==> flow/design.v <==
module sync_shift_top #(
  parameter WD = 28,
  parameter SEL_WIDTH = $clog2(WD)
) (
  input  wire i_clk,
  input  wire i_rst,
  input  wire [WD-1:0] i_in,
  input  wire [SEL_WIDTH-1:0] i_by,
  input  wire i_dir,
  output wire [WD-1:0] o_result
);
  reg [WD-1:0] in_reg;
  reg [SEL_WIDTH-1:0] by_reg;
  reg dir_reg;
  reg [WD-1:0] result_reg;
  assign o_result = result_reg;
  always @(posedge i_clk) begin
    if (i_rst) begin
      in_reg <= 0;
      by_reg <= 0;
      dir_reg <= 1'b0;
      result_reg <= 0;
    end else begin
      in_reg <= i_in;
      by_reg <= i_by;
      dir_reg <= i_dir;
      result_reg <= dir_reg ? in_reg << by_reg : in_reg >> by_reg;
    end
  end
endmodule
== Reports on sync_shift_top ==
Tool output for the design above, in the order of the flow.
Line numbers count from 1 in the design file above.
Not given: -
Inputs
  top module: sync_shift_top
  clock port: i_clk
  library: sky130hd
  library corner: tt_025C_1v80

== Word level ==
Source: Yosys, flattened and elaborated, memories not mapped. Widths are those after wreduce; folded enables and synchronous resets count as part of the registers. Registers that Yosys merges into a memory's read port (data or address) are not register bits. Print and check cells do not count. Equal cells are merged and count once.
Bit counts
  register bits: 62
  latch bits: 0
  RAM bits: 0
  ROM bits: 0
  clocked read ports x word width: 0
  memories: 0
  input port bits: 36
  output and inout bits: 28
  word-level cells: 7
Operators by class
  $add $sub $neg: 0
  $mul: 0
  divide/modulo/power cells: 0
  magnitude comparators: 0
  equal/unequal tests: 0
  shift operators: 2
  multiplexer cells: 1
  bitwise logic cells: 0
  reductions and logical operators: 0
Operators with widths (number)
  28-bit by 5-bit << shifter with 28-bit output: 1
  28-bit by 5-bit >> shifter with 28-bit output: 1
  28-bit 2-to-1 mux: 1

== Logic depth ==
Longest topological path by Yosys (ltp), each cell counted once; first at word level (registers and memories cut), then after technology mapping (sequential cells cut; the memories' decode and read muxes count).
Depth
  depth in word-level cells: 2
  ABC_AREA: 1
  depth in mapped cells: 11
  mapped depth without buffers: 9

== Synthesis result ==
The flow's flattened synthesis, as Yosys stat reports it; memories are mapped. The netlist is that of the ABC_AREA named above (0 if unset); the other value can give another one.
Cell types
  sky130_fd_sc_hd__nand3_1: number 261, total area 1.31E+03 um2
  sky130_fd_sc_hd__dfxtp_1: number 62, total area 1241.19 um2
  sky130_fd_sc_hd__nand3_2: number 63, total area 630.605 um2
  sky130_fd_sc_hd__nand2_1: number 127, total area 476.707 um2
  sky130_fd_sc_hd__nand2_4: number 20, total area 225.216 um2
  sky130_fd_sc_hd__inv_1: number 56, total area 210.202 um2
  sky130_fd_sc_hd__nor2_1: number 54, total area 202.694 um2
  sky130_fd_sc_hd__buf_2: number 31, total area 155.149 um2
  sky130_fd_sc_hd__nand4_1: number 10, total area 62.56 um2
  sky130_fd_sc_hd__buf_6: number 5, total area 56.304 um2
  sky130_fd_sc_hd__a21oi_2: number 5, total area 43.792 um2
  sky130_fd_sc_hd__buf_12: number 2, total area 40.038 um2
  sky130_fd_sc_hd__buf_4: number 4, total area 30.029 um2
  sky130_fd_sc_hd__clkbuf_1: number 8, total area 30.029 um2
  sky130_fd_sc_hd__a21oi_1: number 5, total area 25.024 um2
  sky130_fd_sc_hd__nand2_2: number 4, total area 25.024 um2
  sky130_fd_sc_hd__buf_1: number 4, total area 15.014 um2
  sky130_fd_sc_hd__nor2_2: number 2, total area 12.512 um2
Other cell types: 5; their cells: 8.
Synthesis totals
  standard cells after synthesis: 731
  synthesis area: 4824.6 um2
  sequential part of the area: 1241.2 um2
  flip-flop cells: 62
  buffers: 54

== Path before layout ==
Path of least setup slack by OpenSTA after synthesis, without wires, with an ideal clock, recovery checks aside; 20% of the period is set as input and as output delay. Where synthesis merged equal registers, the netlist keeps one of their names.
Path after synthesis
  path type: reg2reg
  start point: register by_reg[1]
  end point: register result_reg[21]
  period: 2.29 ns
  setup time: 0.127 ns
  time at the first pin: 0.000 ns
  data arrival time: 1.184 ns
  data required time: 2.163 ns
  setup slack: 0.980 ns
  path delay: 1.311 ns
  stages: 10
  buffers on the path: 2
  synthesis period reached: 1.31 ns
"path delay" is the arrival time less input delay plus setup time.
"stages": output pins that drive a net of the path, with the launching flip-flop's if there is one; two outputs of one cell count as two.
"synthesis period reached" = period - worst setup slack (recovery checks aside). The figure is calculated, with input and output delays left at 20% of the set period.
The rows between start and end are the longest chain of elaborated cells between them; the timing report does not say that the signal goes this way. Where chains are equally long, one stands for them.
Each line given opens the expression or statement behind the cell; cells for indexed reads and writes are added by Yosys, which also makes memories of some case tables.
Between the ends, after synthesis
  cells stage by stage: sky130_fd_sc_hd__dfxtp_1 sky130_fd_sc_hd__buf_6 sky130_fd_sc_hd__buf_2 sky130_fd_sc_hd__nand3_1 sky130_fd_sc_hd__nand3_1 sky130_fd_sc_hd__nand2_1 sky130_fd_sc_hd__nand2_1 sky130_fd_sc_hd__nand2_1 sky130_fd_sc_hd__a21oi_2 sky130_fd_sc_hd__nor2_2
  length of the longest elaborated chain: 2
  elaborated cells on any way between the ends: 3
  source lines of those cells: 1
  those cells by class: shift: 2; mux: 1
RTL lines, path after synthesis
  from (decl): line 13  | reg [SEL_WIDTH-1:0] by_reg;
  from (assign): line 20  | by_reg <= 0;
  from (assign): line 25  | by_reg <= i_by;
  28-bit by 5-bit >> shifter with 28-bit output: line 27  | result_reg <= dir_reg ? in_reg << by_reg : in_reg >> by_reg;
  28-bit 2-to-1 mux: line 27
  to (assign): line 22  | result_reg <= 0;
  to (assign): line 27
  to (decl): line 15  | reg [WD-1:0] result_reg;

== Path in the finished layout ==
Path of least setup slack in the final report of run 1 (OpenROAD, finished layout, wires in). Where an end is a register, its clock arrival counts in the times.
Path post-layout
  path type: reg2reg
  start point: register by_reg[0]
  end point: register result_reg[12]
  period: 3.33 ns
  setup time: 0.13 ns
  time at the first pin: 0.34 ns
  data arrival time: 2.57 ns
  data required time: 3.56 ns
  setup slack: 0.98 ns
  stages: 8
  buffers on the path: 0
The rows between start and end are the longest chain of elaborated cells between them; the timing report does not say that the signal goes this way. Where chains are equally long, one stands for them.
Between the ends, post-layout
  cells stage by stage: sky130_fd_sc_hd__dfxtp_2 sky130_fd_sc_hd__inv_2 sky130_fd_sc_hd__nand2_1 sky130_fd_sc_hd__nand3_2 sky130_fd_sc_hd__nand3_1 sky130_fd_sc_hd__nand3_1 sky130_fd_sc_hd__nand3_1 sky130_fd_sc_hd__a21oi_1
  length of the longest elaborated chain: 2
  elaborated cells on any way between the ends: 3
  source lines of those cells: 1
  those cells by class: shift: 2; mux: 1
RTL lines, path post-layout
  from (decl): line 13  | reg [SEL_WIDTH-1:0] by_reg;
  from (assign): line 20  | by_reg <= 0;
  from (assign): line 25  | by_reg <= i_by;
  28-bit by 5-bit >> shifter with 28-bit output: line 27  | result_reg <= dir_reg ? in_reg << by_reg : in_reg >> by_reg;
  28-bit 2-to-1 mux: line 27
  to (assign): line 22  | result_reg <= 0;
  to (assign): line 27
  to (decl): line 15  | reg [WD-1:0] result_reg;

## Implementation results

3 stored runs of sync_shift_top in the flow (synthesis by Yosys, layout by OpenROAD, sky130hd cells), in arbitrary order. Constraints: input delay and output delay 20% of the set period each, output load 0.01 pF.
"achieved period" is the run's clock period less its worst setup slack. It is reckoned from that one timing run; input and output delays stay at 20% of the period that was set.
"worst setup path time" = time allowed to the worst setup path (clock period - input delay - output delay, where it has them) - its slack; a late launch clock adds to it, a late capture clock takes from it.

==> run 1: settings <==
{ "period_ns": 3.33, "CORE_UTILIZATION": 31, "HOLD_SLACK_MARGIN": -0.01, "CELL_PAD_IN_SITES_DETAIL_PLACEMENT": 2, "TNS_END_PERCENT": 20, "ABC_AREA": 1, "GPL_ROUTABILITY_DRIVEN": 1, "SLEW_MARGIN": 30, "MIN_ROUTING_LAYER": "met2", "CAP_MARGIN": 20, "CORE_MARGIN": 2 }
==> run 1: results <==
worst slack on setup checks: 0.985 ns
worst setup path time: 2.35 ns
critical path type: reg2reg
synthesis area: 4824.6 um2
post-route utilization: 37.8%
achieved period: 2.345 ns
standard-cell area of the final layout: 5745.5 um2
area of the die: 16577.9 um2
worst-case hold slack: 0.686 ns
total negative setup slack: 0.000 ns

==> run 2: settings <==
{ "period_ns": 2.29, "CAP_MARGIN": 20, "CORE_MARGIN": 2, "CORE_UTILIZATION": 40, "SLEW_MARGIN": 20 }
==> run 2: results <==
worst slack on setup checks: 0.110 ns
worst setup path time: 2.18 ns
critical path type: reg2reg
synthesis area: 4704.5 um2
post-route utilization: 51.7%
achieved period: 2.180 ns
standard-cell area of the final layout: 5923.2 um2
area of the die: 12645.0 um2
worst-case hold slack: 0.628 ns
total negative setup slack: 0.000 ns

==> run 3: settings <==
{ "period_ns": 1.31, "CORE_UTILIZATION": 42, "SETUP_SLACK_MARGIN": 0.39, "PLACE_DENSITY_LB_ADDON": 0.26, "CORE_ASPECT_RATIO": 1.74, "CELL_PAD_IN_SITES_GLOBAL_PLACEMENT": 0, "CELL_PAD_IN_SITES_DETAIL_PLACEMENT": 0, "ABC_AREA": 0, "CAP_MARGIN": 5, "CORE_MARGIN": 2, "SLEW_MARGIN": 20 }
==> run 3: results <==
worst slack on setup checks: -0.678 ns
worst setup path time: 1.99 ns
critical path type: reg2reg
synthesis area: 4704.5 um2
post-route utilization: 65.2%
achieved period: 1.988 ns
standard-cell area of the final layout: 7194.4 um2
area of the die: 12096.6 um2
worst-case hold slack: 0.331 ns
total negative setup slack: -17.223 ns
